==> flow/design.v <==
module mem #(
  parameter ENTRIES = 12,
  parameter BITS = 6,
  parameter NR = 6,
  parameter AWIDTH = $clog2(ENTRIES)
) (
  input  wire CLK,
  input  wire in_write,
  input  wire [AWIDTH-1:0] in_wr_addr,
  input  wire [BITS-1:0] in_write_data,
  input  wire [NR*AWIDTH-1:0] in_read_addr,
  output wire [NR*BITS-1:0] out_rd
);
  reg write_d1;
  reg [AWIDTH-1:0] wr_addr_d1;
  reg [BITS-1:0] write_data_d1;
  always @(posedge CLK) begin
    write_d1 <= in_write;
    wr_addr_d1 <= in_wr_addr;
    write_data_d1 <= in_write_data;
  end
  reg [ENTRIES*BITS-1:0] array;
  genvar ii;
  generate
    for (ii = 0; ii < ENTRIES; ii = ii + 1) begin : slice
      always @(posedge CLK)
        if (write_d1 && wr_addr_d1 == ii) array[ii*BITS +: BITS] <= write_data_d1;
    end
  endgenerate
  reg [NR*AWIDTH-1:0] read_addr_d1;
  always @(posedge CLK) begin
    read_addr_d1 <= in_read_addr;
  end
  reg [NR*BITS-1:0] val;
  integer m;
  integer t;
  always @(*) begin
    val = 0;
    for (m = 0; m < NR; m = m + 1) begin
      for (t = 0; t < ENTRIES; t = t + 1)
        val[m*BITS +: BITS] = val[m*BITS +: BITS] | (array[t*BITS +: BITS] & {BITS{read_addr_d1[m*AWIDTH +: AWIDTH] == t}});
    end
  end
  assign out_rd = val;
endmodule
## From RTL to reports: mem

The steps from the RTL of mem to its reports follow in flow order.
Lines are those of the file above, counted from 1.
Operators: Yosys type, input widths -> output width; for muxes data width and select width s.
Library cell names are shortened.
Not given: n/a

| set-up | value |
|---|---|
| top module | mem |
| clock port | CLK |
| library | sky130hd |
| corner | tt_025C_1v80 |

## Elaborated design

Yosys after proc, flatten, opt, wreduce and memory -nomap, before mapping. Enables and synchronous resets that opt folds into registers are not counted as muxes. Memory bits, and registers merged into a memory's read port (data or address), are not among the register bits. Print and check cells are not counted. Equal cells are merged and count once.

| bit counts | value |
|---|---|
| output and inout port bits | 36 |
| bits in registers | 107 |
| bits of input ports | 36 |

| cells by class | value |
|---|---|
| eq/ne operators | 77 |
| bitwise operators | 138 |
| reduce/logical cells | 19 |

Operators by type and width:

| cell | number |
|---|---|
| $and 6x6->6 | 72 |
| $or 6x6->6 | 66 |
| $eq 4x3->1 const B | 28 |
| $eq 4x4->1 const B | 28 |
| $eq 4x2->1 const B | 14 |
| $eq 4x1->1 const B | 7 |
| $logic_not 4->1 | 7 |
| $logic_and 1x1->1 | 12 |

## Logic depth

Longest topological path by Yosys (ltp), each cell counted once; first at word level (registers and memories cut), then after technology mapping (sequential cells cut; the memories' decode and read muxes count).

| depth | value |
|---|---|
| depth in word-level cells | 13 |
| ABC_AREA | 0 |
| mapped depth | 7 |
| depth with buffers taken out | 4 |

## Netlist

The flow's flattened synthesis, as Yosys stat reports it; memories are mapped. The netlist is that of the ABC_AREA named above (0 if unset); the other value can give another one.
The area totals of this step are shown rounded.

| synthesis totals | value |
|---|---|
| mapped cells | 775 |
| mapped area | 0.007477 mm^2 |
| sequential part of the area | 0.002863 mm^2 |
| flip-flops | 107 |

Cells by type:

| cell | number | total area (um^2) |
|---|---|---|
| edfxtp_1 | 72 | 2.16E+03 |
| dfxtp_1 | 35 | 700.672 |
| mux2i_1 | 35 | 350.336 |
| mux2_2 | 30 | 337.824 |
| a22oi_1 | 38 | 285.274 |
| nor2b_1 | 44 | 275.264 |
| buf_2 | 45 | 225.216 |
| a21oi_1 | 30 | 150.144 |
| and3_1 | 24 | 150.144 |
| a32oi_1 | 17 | 148.893 |
| nand3_1 | 29 | 145.139 |
| a2bb2oi_1 | 16 | 140.134 |
| nor2_1 | 35 | 131.376 |
| a31oi_1 | 20 | 125.12 |
| o21ai_0 | 25 | 125.12 |
| nand2_1 | 32 | 120.115 |
| nor3b_1 | 16 | 120.115 |
| a22o_1 | 13 | 113.859 |

Other cell types: 49; their cells: 219.

## Path before layout

Path of least setup slack by OpenSTA after synthesis, without wires, with an ideal clock, recovery checks aside; 20% of the period is set as input and as output delay. Where synthesis merged equal registers, the netlist keeps one of their names.

| path after synthesis | value |
|---|---|
| kind | reg2out |
| start | reg read_addr_d1[0] |
| end | out out_rd[3] |
| arrival time | 1.458 ns |
| setup slack | 0.366 ns |
| time at the first pin | 0.000 ns |
| data required time | 1.824 ns |
| stages | 6 |
| period | 2.28 ns |
| path delay | 1.458 ns |
| synthesis period reached | 1.914 ns |

"path delay" is the arrival time less input delay plus setup time.
A path that ends at an output port has no setup time.
"stages" counts driving pins, that of a launching flip-flop among them; a cell with two outputs on the path counts twice.
"synthesis period reached" = period - worst setup slack (recovery checks aside). The figure is calculated, with input and output delays left at 20% of the set period.
The rows between start and end are the longest chain of elaborated cells between them; the timing report does not say that the signal goes this way. Where chains are equally long, one stands for them.
A line is the first line of the expression or statement that the cell stems from. Yosys adds cells for indexed reads and writes and turns some case tables into memories.

| on the way, after synthesis | value |
|---|---|
| path through | dfxtp_1 -> buf_2 -> buf_2 -> buf_2 -> a211oi_1 -> o311ai_0 |
| length of the longest elaborated chain | 13 |
| elaborated cells on any way between the ends | 35 |
| classes of those cells | 11 x eq/ne; 23 x logic; 1 x reduce/logical |

Ends and longest elaborated chain, after synthesis:

| what | line | text |
|---|---|---|
| start: declaration | 30 | `reg [NR*AWIDTH-1:0] read_addr_d1;` |
| start: assignment | 32 | `read_addr_d1 <= in_read_addr;` |
| $logic_not 4->1 | 41 | `val[m*BITS +: BITS] = val[m*BITS +: BITS] \| (array[t*BITS +: BITS] & {BITS{read_addr_d1[m*AWIDTH +: AWIDTH] == ...` |
| $and 6x6->6 | 41 |  |
| $or 6x6->6 (11 in a row) | 41 |  |
| end: declaration | 12 | `output wire [NR*BITS-1:0] out_rd` |

## Path in the finished layout

From the final timing report of run 2: the path of least setup slack in the routed layout; clock arrival at registers is part of the times.

| path post-layout | value |
|---|---|
| kind | reg2out |
| start | reg read_addr_d1[4] |
| end | out out_rd[8] |
| data required time | 1.82 ns |
| period | 2.28 ns |
| arrival time | 1.98 ns |
| stages | 7 |
| time at the first pin | 0.37 ns |
| setup slack | -0.16 ns |

The rows between start and end are the longest chain of elaborated cells between them; the timing report does not say that the signal goes this way. Where chains are equally long, one stands for them.

| on the way, post-layout | value |
|---|---|
| path through | dfxtp_4 -> buf_6 -> and2_4 -> a22oi_2 -> o22ai_1 -> or4_1 -> buf_2 |
| length of the longest elaborated chain | 13 |
| elaborated cells on any way between the ends | 35 |
| classes of those cells | 11 x eq/ne; 23 x logic; 1 x reduce/logical |

Ends and longest elaborated chain, post-layout:

| what | line | text |
|---|---|---|
| start: declaration | 30 | `reg [NR*AWIDTH-1:0] read_addr_d1;` |
| start: assignment | 32 | `read_addr_d1 <= in_read_addr;` |
| $logic_not 4->1 | 41 | `val[m*BITS +: BITS] = val[m*BITS +: BITS] \| (array[t*BITS +: BITS] & {BITS{read_addr_d1[m*AWIDTH +: AWIDTH] == ...` |
| $and 6x6->6 | 41 |  |
| $or 6x6->6 (11 in a row) | 41 |  |
| end: declaration | 12 | `output wire [NR*BITS-1:0] out_rd` |

Hand-over note for mem

Top module mem; platform sky130hd; tools Yosys and OpenROAD; 2 stored runs in no particular order. Input and output delays are each 20% of the period that was set; the output load is 0.01 pF.
"period reached" is the run's clock period less its worst setup slack. It is reckoned from that one timing run; input and output delays stay at 20% of the period that was set.
"critical path time" = time allowed to the worst setup path (clock period - input delay - output delay, where it has them) - its slack; a late launch clock adds to it, a late capture clock takes from it.
"total power of the final layout" is the tool's figure for a default switching activity; nothing was simulated.
Measured values are rounded.

## Run 1

==> flow/run.sh <==
#!/bin/bash
# the make line also repeats the synthesis and layout settings of config.mk as NAME=value (left out here)
make -C /OpenROAD-flow-scripts/flow DESIGN_CONFIG=/design/flow/config.mk WORK_HOME=/design/flow/orfs CLKGATE_MAP_FILE= finish
==> flow/config.mk <==
export PLATFORM = sky130hd
export DESIGN_NAME = mem
export DESIGN_NICKNAME = mem
export VERILOG_FILES = /design/flow/design.v
export SDC_FILE = /design/flow/constraint.sdc
export NUM_CORES = 4
export LEC_CHECK = 0
export CAP_MARGIN = 20
export CELL_PAD_IN_SITES_DETAIL_PLACEMENT = 2
export CORE_MARGIN = 2
export CORE_UTILIZATION = 61
export CTS_CLUSTER_DIAMETER = 314
export CTS_CLUSTER_SIZE = 92
export MIN_ROUTING_LAYER = met1
export PLACE_DENSITY_LB_ADDON = 0.07
export SLEW_MARGIN = 20
==> flow/constraint.sdc <==
create_clock -name core_clock -period 3.46 [get_ports {CLK}]
set_input_delay 0.6920 -clock core_clock [delete_from_list [all_inputs] [get_ports {CLK}]]
set_output_delay 0.6920 -clock core_clock [all_outputs]
set_load 0.01 [all_outputs]

Run 1: no final report: placement broke off with DPL-0033

## Run 2

==> flow/run.sh <==
#!/bin/bash
# the make line also repeats the synthesis and layout settings of config.mk as NAME=value (left out here)
make -C /OpenROAD-flow-scripts/flow DESIGN_CONFIG=/design/flow/config.mk WORK_HOME=/design/flow/orfs CLKGATE_MAP_FILE= finish
==> flow/config.mk <==
export PLATFORM = sky130hd
export DESIGN_NAME = mem
export DESIGN_NICKNAME = mem
export VERILOG_FILES = /design/flow/design.v
export SDC_FILE = /design/flow/constraint.sdc
export NUM_CORES = 4
export LEC_CHECK = 0
export CAP_MARGIN = 20
export CORE_MARGIN = 2
export CORE_UTILIZATION = 40
export SLEW_MARGIN = 20
==> flow/constraint.sdc <==
create_clock -name core_clock -period 2.28 [get_ports {CLK}]
set_input_delay 0.4560 -clock core_clock [delete_from_list [all_inputs] [get_ports {CLK}]]
set_output_delay 0.4560 -clock core_clock [all_outputs]
set_load 0.01 [all_outputs]

| result of run 2 | value |
|---|---|
| area of the synthesized netlist | 0.007477 mm^2 |
| full die area | 0.0198 mm^2 |
| standard-cell area after layout | 0.01303 mm^2 |
| setup slack of the worst path | -0.159 ns |
| post-route setup TNS | -1.761 ns |
| total power of the final layout | 5523 µW |
| period reached | 2.439 ns |
| critical path time | 1.98 ns |
| critical path type | reg2out |

End of note.
